==> flow/design.v <==
module my_selector_p #(
    parameter int DW = 6,
    parameter int NIN = 12
) (
    input  logic CLK,
    input  logic [NIN*DW-1:0] val_i,
    input  logic [NIN-1:0] pick_i,
    output logic [DW-1:0] y_o
);
    logic [NIN*DW-1:0] val_ff;
    always_ff @(posedge CLK) begin
        val_ff <= val_i;
    end
    logic [NIN-1:0] pick_ff;
    always_ff @(posedge CLK) begin
        pick_ff <= pick_i;
    end
    logic [DW-1:0] tmp;
    always_comb begin
        tmp = '0;
        for (int k = 0; k < NIN; k++)
            tmp = tmp | (val_ff[k*DW +: DW] & {DW{pick_ff[k]}});
    end
    always_ff @(posedge CLK) begin
        y_o <= tmp;
    end
endmodule
Reports on my_selector_p. The steps from the RTL of my_selector_p to its reports follow in flow order. Line numbers count from 1 in the design file above. Cell names lack the library's common part. A cell with n/a has no value.

Top: my_selector_p. Clock input: CLK. Cell library: sky130hd. Timing corner: tt_025C_1v80.

After elaboration. Yosys after proc, flatten, opt, wreduce and memory -nomap, before mapping. Enables and synchronous resets that opt folds into registers are not counted as muxes. Memory bits, and registers merged into a memory's read port (data or address), are not among the register bits. Print and check cells are not counted. Equal cells are merged and count once.

For register bits after elaboration the number is 90. For input port bits the number is 85. The entry for elaborated cells reads 26.

The figure for bitwise logic cells is 23.

Operators with widths (number): AND 6 bit (12); OR 6 bit (11).

Logic depth. Depth = most cells in a row (Yosys ltp): at word level without a register or memory, in the mapped netlist without a sequential cell, where the memories' decode and read muxes count.

Under depth in word-level cells stands 12. ABC_AREA: 1. For gate-level depth with buffers the number is 4. Gate-level depth less buffers: 4.

Synthesis result. Source: synth_stat.txt of the flow (Yosys; design flattened, memories mapped). It holds for the ABC_AREA given above (unset counts as 0); a run with the other value may have another netlist.

Cells by type (number): dfxtp_1 (90); nand2_1 (108); nor2_1 (18); nand3_1 (6).

The entry for cells in the netlist reads 222. Chip area (Yosys): 2304.7 um2. Under sequential part of the area stands 1801.7 um2. Mapped flip-flops: 90.

Timing after synthesis. OpenSTA on the mapped netlist: ideal clock, no wires. The path of least setup slack (recovery checks aside). Input and output delay are each 20% of the period. Register names are those of the netlist, which keeps one name where synthesis merged equal registers.

Path kind: register -> register. From: reg pick_ff[0]. To: reg y_o[3]. Period: 1.18 ns. Under setup time stands 0.121 ns. The entry for arrival reads 0.586 ns. The figure for required time is 1.059 ns. Slack: 0.473 ns. Delay of the path: 0.707 ns. The figure for driving pins on the path is 5. The figure for period reached after synthesis is 0.707 ns.

"delay of the path" is the arrival time less input delay plus setup time. "driving pins on the path" counts driving pins, that of a launching flip-flop among them; a cell with two outputs on the path counts twice. "period reached after synthesis" = period - worst setup slack (recovery checks aside). The figure is calculated, with input and output delays left at 20% of the set period. Between the ends stands the longest chain of elaborated cells between them, by number of cells; it is not shown to be the way that was timed. Of several equally long chains one is given. Each line given opens the expression or statement behind the cell; cells for indexed reads and writes are added by Yosys, which also makes memories of some case tables.

Cell sequence: dfxtp_1 > nand2_1 > nand2_1 > nor2_1 > nand3_1. Under length of the longest elaborated chain stands 12.

RTL lines, path post-synthesis: start, declared (line 14) `logic [NIN-1:0] pick_ff;`; start, assigned (line 16) `pick_ff <= pick_i;`; AND 6 bit (line 22) `tmp = tmp | (val_ff[k*DW +: DW] & {DW{pick_ff[k]}});`; OR 6 bit (11 in a row) (line 22); end, assigned (line 25) `y_o <= tmp;`; end, declared (line 8) `output logic [DW-1:0] y_o`.

Path in the finished layout. From the final timing report of flow run 1: the path of least setup slack in the routed layout; clock arrival at registers is part of the times.

Path kind: register -> output. From: reg y_o[1]. To: out y_o[1]. Period: 0.845 ns. For output delay the number is 0.17 ns. The entry for arrival reads 0.78 ns. The figure for required time is 0.68 ns. Slack: -0.10 ns. The figure for driving pins on the path is 2.

Cell sequence: dfxtp_2 > buf_6. Under length of the longest elaborated chain stands 0.

RTL lines, path post-layout: start, declared (line 8) `output logic [DW-1:0] y_o`; start, assigned (line 25) `y_o <= tmp;`; end, declared (line 8).

FLOW RESULTS
============

Record of 3 stored runs of the RTL-to-layout flow on my_selector_p, platform sky130hd. The runs are unordered. Constraints: input delay and output delay 20% of the set period each, output load 0.01 pF. By "achieved clock period" is meant the clock period of the run minus its worst setup slack. This is arithmetic on one report: input and output delays are still those of the set period (20% each). "time of the worst setup path" means the part of the period allowed to the worst setup path (the constraints hold back 20% at inputs and 20% at outputs) less its slack; where the path has registers, the arrival times of their clocks count too. "overall power" rests on the timing tool's default activity at the inputs, not on a simulated workload.

Files of flow run 1:
==> flow/run.sh <==
#!/bin/bash
# the make line also repeats the synthesis and layout settings of config.mk as NAME=value (left out here)
make -C /OpenROAD-flow-scripts/flow DESIGN_CONFIG=/design/flow/config.mk WORK_HOME=/design/flow/orfs CLKGATE_MAP_FILE= finish
==> flow/config.mk <==
export PLATFORM = sky130hd
export DESIGN_NAME = my_selector_p
export DESIGN_NICKNAME = my_selector_p
export VERILOG_FILES = /design/flow/design.v
export SDC_FILE = /design/flow/constraint.sdc
export NUM_CORES = 4
export LEC_CHECK = 0
export ABC_AREA = 1
export CAP_MARGIN = 20
export CELL_PAD_IN_SITES_DETAIL_PLACEMENT = 0
export CELL_PAD_IN_SITES_GLOBAL_PLACEMENT = 2
export CORE_MARGIN = 6
export CORE_UTILIZATION = 24
export HOLD_SLACK_MARGIN = -0.04
export PLACE_DENSITY_LB_ADDON = 0.21
export SLEW_MARGIN = 20
==> flow/constraint.sdc <==
create_clock -name core_clock -period 0.845 [get_ports {CLK}]
set_input_delay 0.1690 -clock core_clock [delete_from_list [all_inputs] [get_ports {CLK}]]
set_output_delay 0.1690 -clock core_clock [all_outputs]
set_load 0.01 [all_outputs]

Results of flow run 1. The synthesis area stands at 2,304.7 um2. The area inside the die boundary comes to 12,098.9 um2. The measured standard-cell area of the final layout is 3,771.1 um2. For the utilization after layout the run shows 0.406. The lowest setup slack reads -0.104 ns. The total negative setup slack comes to -0.594 ns. The worst hold slack reads 0.253 ns. The overall power is 8,324 uW. The achieved clock period reads 0.949 ns. The time of the worst setup path comes to 0.78 ns. Kind of the worst setup path: register -> output.

Files of flow run 2:
==> flow/run.sh <==
#!/bin/bash
# the make line also repeats the synthesis and layout settings of config.mk as NAME=value (left out here)
make -C /OpenROAD-flow-scripts/flow DESIGN_CONFIG=/design/flow/config.mk WORK_HOME=/design/flow/orfs CLKGATE_MAP_FILE= finish
==> flow/config.mk <==
export PLATFORM = sky130hd
export DESIGN_NAME = my_selector_p
export DESIGN_NICKNAME = my_selector_p
export VERILOG_FILES = /design/flow/design.v
export SDC_FILE = /design/flow/constraint.sdc
export NUM_CORES = 4
export LEC_CHECK = 0
export CAP_MARGIN = 20
export CORE_ASPECT_RATIO = 0.54
export CORE_MARGIN = 2
export CORE_UTILIZATION = 28
export CTS_CLUSTER_DIAMETER = 336
export GPL_TIMING_DRIVEN = 0
export MAX_ROUTING_LAYER = met5
export MIN_ROUTING_LAYER = met2
export PLACE_DENSITY = 0.91
export SETUP_SLACK_MARGIN = 0.16
export SLEW_MARGIN = 20
export TNS_END_PERCENT = 35
==> flow/constraint.sdc <==
create_clock -name core_clock -period 0.706 [get_ports {CLK}]
set_input_delay 0.1412 -clock core_clock [delete_from_list [all_inputs] [get_ports {CLK}]]
set_output_delay 0.1412 -clock core_clock [all_outputs]
set_load 0.01 [all_outputs]

Results of flow run 2. The synthesis area stands at 2,147.1 um2. The area inside the die boundary comes to 8,418.3 um2. The measured standard-cell area of the final layout is 3,633.5 um2. For the utilization after layout the run shows 0.489. The lowest setup slack reads -0.409 ns. The total negative setup slack comes to -3.357 ns. The worst hold slack reads 0.237 ns. The overall power is 10,788 uW. The achieved clock period reads 1.115 ns. The time of the worst setup path comes to 1.12 ns. Kind of the worst setup path: register -> register.

Files of flow run 3:
==> flow/run.sh <==
#!/bin/bash
# the make line also repeats the synthesis and layout settings of config.mk as NAME=value (left out here)
make -C /OpenROAD-flow-scripts/flow DESIGN_CONFIG=/design/flow/config.mk WORK_HOME=/design/flow/orfs CLKGATE_MAP_FILE= finish
==> flow/config.mk <==
export PLATFORM = sky130hd
export DESIGN_NAME = my_selector_p
export DESIGN_NICKNAME = my_selector_p
export VERILOG_FILES = /design/flow/design.v
export SDC_FILE = /design/flow/constraint.sdc
export NUM_CORES = 4
export LEC_CHECK = 0
export CAP_MARGIN = 20
export CORE_MARGIN = 2
export CORE_UTILIZATION = 40
export SLEW_MARGIN = 20
==> flow/constraint.sdc <==
create_clock -name core_clock -period 1.18 [get_ports {CLK}]
set_input_delay 0.2360 -clock core_clock [delete_from_list [all_inputs] [get_ports {CLK}]]
set_output_delay 0.2360 -clock core_clock [all_outputs]
set_load 0.01 [all_outputs]

Results of flow run 3. The synthesis area stands at 2,147.1 um2. The area inside the die boundary comes to 5,969.9 um2. The measured standard-cell area of the final layout is 3,438.3 um2. For the utilization after layout the run shows 0.669. The lowest setup slack reads 0.032 ns. The total negative setup slack comes to 0.000 ns. The worst hold slack reads 0.323 ns. The overall power is 5,978 uW. The achieved clock period reads 1.148 ns. The time of the worst setup path comes to 0.91 ns. Kind of the worst setup path: register -> output.
